==> flow/design.v <==
module u_mux_stage #(
    parameter W = 32,
    parameter NIN = 24,
    parameter SEL_WIDTH = $clog2(NIN)
) (
    input logic ck,
    input logic [NIN*W-1:0] din,
    input logic [SEL_WIDTH-1:0] select,
    output logic [W-1:0] q
);
    logic [NIN*W-1:0] r_din;
    logic [SEL_WIDTH-1:0] r_select;
    logic [NIN*W-1:0] t;
    assign t = r_din >> (r_select * W);
    assign q = t[W-1:0];
    always_ff @(posedge ck) begin
        r_din <= din;
        r_select <= select;
    end
endmodule
### From RTL to reports: u_mux_stage

The steps from the RTL of u_mux_stage to its reports follow in flow order.
Lines are those of the file above, counted from 1.
Operators: Yosys type, input widths -> output width; for muxes data width and select width s.
Not given: --

| set-up | value |
|---|---|
| top | u_mux_stage |
| clock input | ck |
| library | sky130hd |
| library corner | tt_025C_1v80 |

### Word level

Counts by Yosys on the flattened word-level netlist (proc, flatten, opt, wreduce; memories kept). Register bits leave out memories and registers merged into their read ports (data or address); mux counts leave out enables and synchronous resets folded into registers. Print and check cells are left out. Cells with the same type and inputs are merged into one.

| operators by class | value |
|---|---|
| shift-type cells | 1 |

Operator list:

| kind | count |
|---|---|
| $shr 768x10->32 | 1 |

| storage and ports | value |
|---|---|
| register bits | 773 |
| bits of input ports | 774 |
| output and inout port bits | 32 |
| word-level cells | 3 |

### Logic depth

Yosys ltp: most cells in a row. Word level: on the elaborated netlist, between registers, memories and ports. Mapped: between sequential cells and ports; inverters and the memories' decode and read muxes count.

| logic depth | value |
|---|---|
| word-level depth | 1 |
| ABC_AREA | 0 |
| gate-level depth with buffers | 8 |
| depth with buffers taken out | 4 |

### Synthesis result

The flow's flattened synthesis, as Yosys stat reports it; memories are mapped. The netlist is that of the ABC_AREA named above (0 if unset); the other value can give another one.
The area totals of this step are shown rounded.

Cell types:

| type | count | total area (sq um) |
|---|---|---|
| sky130_fd_sc_hd__dfxtp_1 | 773 | 1.55E+04 |
| sky130_fd_sc_hd__mux2i_1 | 256 | 2.56E+03 |
| sky130_fd_sc_hd__mux4_2 | 64 | 1.44E+03 |
| sky130_fd_sc_hd__a22oi_1 | 96 | 720.691 |
| sky130_fd_sc_hd__nand3_1 | 74 | 370.355 |
| sky130_fd_sc_hd__o211ai_1 | 32 | 240.23 |
| sky130_fd_sc_hd__a221oi_1 | 22 | 192.685 |
| sky130_fd_sc_hd__buf_4 | 23 | 172.666 |
| sky130_fd_sc_hd__nand2b_1 | 23 | 143.888 |
| sky130_fd_sc_hd__clkbuf_1 | 30 | 112.608 |
| sky130_fd_sc_hd__a21oi_1 | 21 | 105.101 |
| sky130_fd_sc_hd__buf_6 | 9 | 101.347 |
| sky130_fd_sc_hd__nand2_1 | 21 | 78.826 |
| sky130_fd_sc_hd__buf_2 | 14 | 70.067 |
| sky130_fd_sc_hd__nor2_1 | 13 | 48.797 |
| sky130_fd_sc_hd__buf_1 | 9 | 33.782 |
| sky130_fd_sc_hd__nor2b_1 | 3 | 18.768 |
| sky130_fd_sc_hd__buf_8 | 1 | 15.014 |
| sky130_fd_sc_hd__and2_1 | 1 | 6.256 |

| mapped netlist | value |
|---|---|
| cells in the netlist | 1485 |
| cell area after synthesis | 0.0219 sq mm |
| sequential area | 0.0155 sq mm |
| flip-flops | 773 |
| buffer cells | 86 |

### Worst setup path after synthesis

OpenSTA on the mapped netlist: ideal clock, no wires. The path of least setup slack (recovery checks aside). Input and output delay are each 20% of the period. Register names are those of the netlist, which keeps one name where synthesis merged equal registers.

| timing path post-synthesis | value |
|---|---|
| kind | register to output |
| start point | register r_select[1] |
| end point | output q[11] |
| clock period | 2.41 ns |
| output delay | 0.482 ns |
| time at the first pin | 0.000 ns |
| arrival | 1.543 ns |
| data required time | 1.928 ns |
| slack | 0.385 ns |
| delay of the path | 1.543 ns |
| stages | 6 |
| path buffers | 2 |
| synthesis period reached | 2.025 ns |

"delay of the path" is the arrival time less input delay plus setup time.
At an output port there is no setup time.
"stages": output pins that drive a net of the path, with the launching flip-flop's if there is one; two outputs of one cell count as two.
"synthesis period reached" is the clock period less the worst setup slack; recovery checks do not enter. This is arithmetic on one report: input and output delays are still those of the set period (20% each).
The rows between start and end are the longest chain of elaborated cells between them; the timing report does not say that the signal goes this way. Where chains are equally long, one stands for them.
A line is the first line of the expression or statement that the cell stems from. Yosys adds cells for indexed reads and writes and turns some case tables into memories.

| on the way, post-synthesis | value |
|---|---|
| cell sequence | sky130_fd_sc_hd__dfxtp_1 -> sky130_fd_sc_hd__buf_2 -> sky130_fd_sc_hd__buf_1 -> sky130_fd_sc_hd__mux4_2 -> sky130_fd_sc_hd__a22oi_1 -> sky130_fd_sc_hd__o211ai_1 |
| cells in the longest elaborated chain | 1 |
| elaborated cells between the ends (all ways) | 1 |
| source lines of those cells | 1 |
| classes of those cells | shift: 1 |

Ends and longest elaborated chain, post-synthesis:

| what | RTL line | text |
|---|---|---|
| start, declared | 12 | `logic [SEL_WIDTH-1:0] r_select;` |
| start, assigned | 18 | `r_select <= select;` |
| $shr 768x10->32 | 14 | `assign t = r_din >> (r_select * W);` |
| end, declared | 9 | `output logic [W-1:0] q` |

### Path in the finished layout

Path of least setup slack in the final report of record 1 (OpenROAD, finished layout, wires in). Where an end is a register, its clock arrival counts in the times.

| timing path after layout | value |
|---|---|
| kind | register to output |
| start point | register r_select[0] |
| end point | output q[18] |
| clock period | 1.26 ns |
| output delay | 0.25 ns |
| time at the first pin | 0.76 ns |
| arrival | 3.05 ns |
| data required time | 1.01 ns |
| slack | -2.04 ns |
| stages | 10 |
| path buffers | 5 |

The rows between start and end are the longest chain of elaborated cells between them; the timing report does not say that the signal goes this way. Where chains are equally long, one stands for them.

| on the way, after layout | value |
|---|---|
| cell sequence | sky130_fd_sc_hd__dfxtp_4 -> sky130_fd_sc_hd__buf_12 -> sky130_fd_sc_hd__buf_12 -> sky130_fd_sc_hd__buf_16 -> sky130_fd_sc_hd__buf_12 -> sky130_fd_sc_hd__mux2i_1 -> sky130_fd_sc_hd__a22oi_1 -> sky130_fd_sc_hd__nand3_2 -> sky130_fd_sc_hd__nand3_4 -> sky130_fd_sc_hd__buf_6 |
| cells in the longest elaborated chain | 1 |
| elaborated cells between the ends (all ways) | 1 |
| source lines of those cells | 1 |
| classes of those cells | shift: 1 |

Ends and longest elaborated chain, after layout:

| what | RTL line | text |
|---|---|---|
| start, declared | 12 | `logic [SEL_WIDTH-1:0] r_select;` |
| start, assigned | 18 | `r_select <= select;` |
| $shr 768x10->32 | 14 | `assign t = r_din >> (r_select * W);` |
| end, declared | 9 | `output logic [W-1:0] q` |

Lab notebook: u_mux_stage

Design u_mux_stage on sky130hd. What follows are 3 stored runs of the flow, each under its own settings; their order means nothing. The constraints put input and output delay at 20% of the set period each and load the outputs with 0.01 pF.
"clock period achieved" is the run's clock period less its worst setup slack. It is reckoned from that one timing run; input and output delays stay at 20% of the period that was set.
"worst setup path time" is the time allowed to the run's worst setup path (the clock period less input and output delay, where it has them) less its slack. Clock arrival times count: a late capture clock shortens it, a late launch clock lengthens it.
The measured numbers are rounded.
Settings: -- = not set for that run.

| name | record 1 | record 2 | record 3 |
|---|---|---|---|
| period_ns | 1.26 | 3.55 | 2.41 |
| CORE_UTILIZATION | 22 | 23 | 40 |
| SETUP_SLACK_MARGIN | 0.36 | 0.31 | -- |
| PLACE_DENSITY_LB_ADDON | 0.28 | 0.18 | -- |
| CELL_PAD_IN_SITES_DETAIL_PLACEMENT | 1 | 2 | -- |
| GPL_TIMING_DRIVEN | 1 | 1 | -- |
| GPL_ROUTABILITY_DRIVEN | 1 | 0 | -- |
| CTS_CLUSTER_DIAMETER | 22 | 347 | -- |
| MAX_ROUTING_LAYER | met4 | -- | -- |
| CAP_MARGIN | 20 | 20 | 20 |
| CORE_MARGIN | 2 | 2 | 2 |
| SLEW_MARGIN | 20 | 20 | 20 |
| CORE_ASPECT_RATIO | -- | 0.74 | -- |
| TNS_END_PERCENT | -- | 5 | -- |
| ABC_AREA | -- | 1 | -- |
| area of the die (sq mm) | 0.102 | 0.109 | 0.0567 |
| clock period achieved (ns) | 3.300 | 3.304 | 3.094 |
| worst hold slack after layout (ns) | 0.104 | 0.493 | 0.297 |
| worst setup slack after layout (ns) | -2.04 | 0.246 | -0.684 |
| worst setup path time (ns) | 3.05 | 2.59 | 2.61 |
| worst setup path kind | register to output | register to output | register to output |
| setup total negative slack (ns) | -59.0 | 0.000 | -17.1 |
| standard-cell area of the final layout (sq mm) | 0.0511 | 0.0406 | 0.0357 |
| Yosys chip area after synthesis (sq mm) | 0.0219 | 0.0245 | 0.0219 |
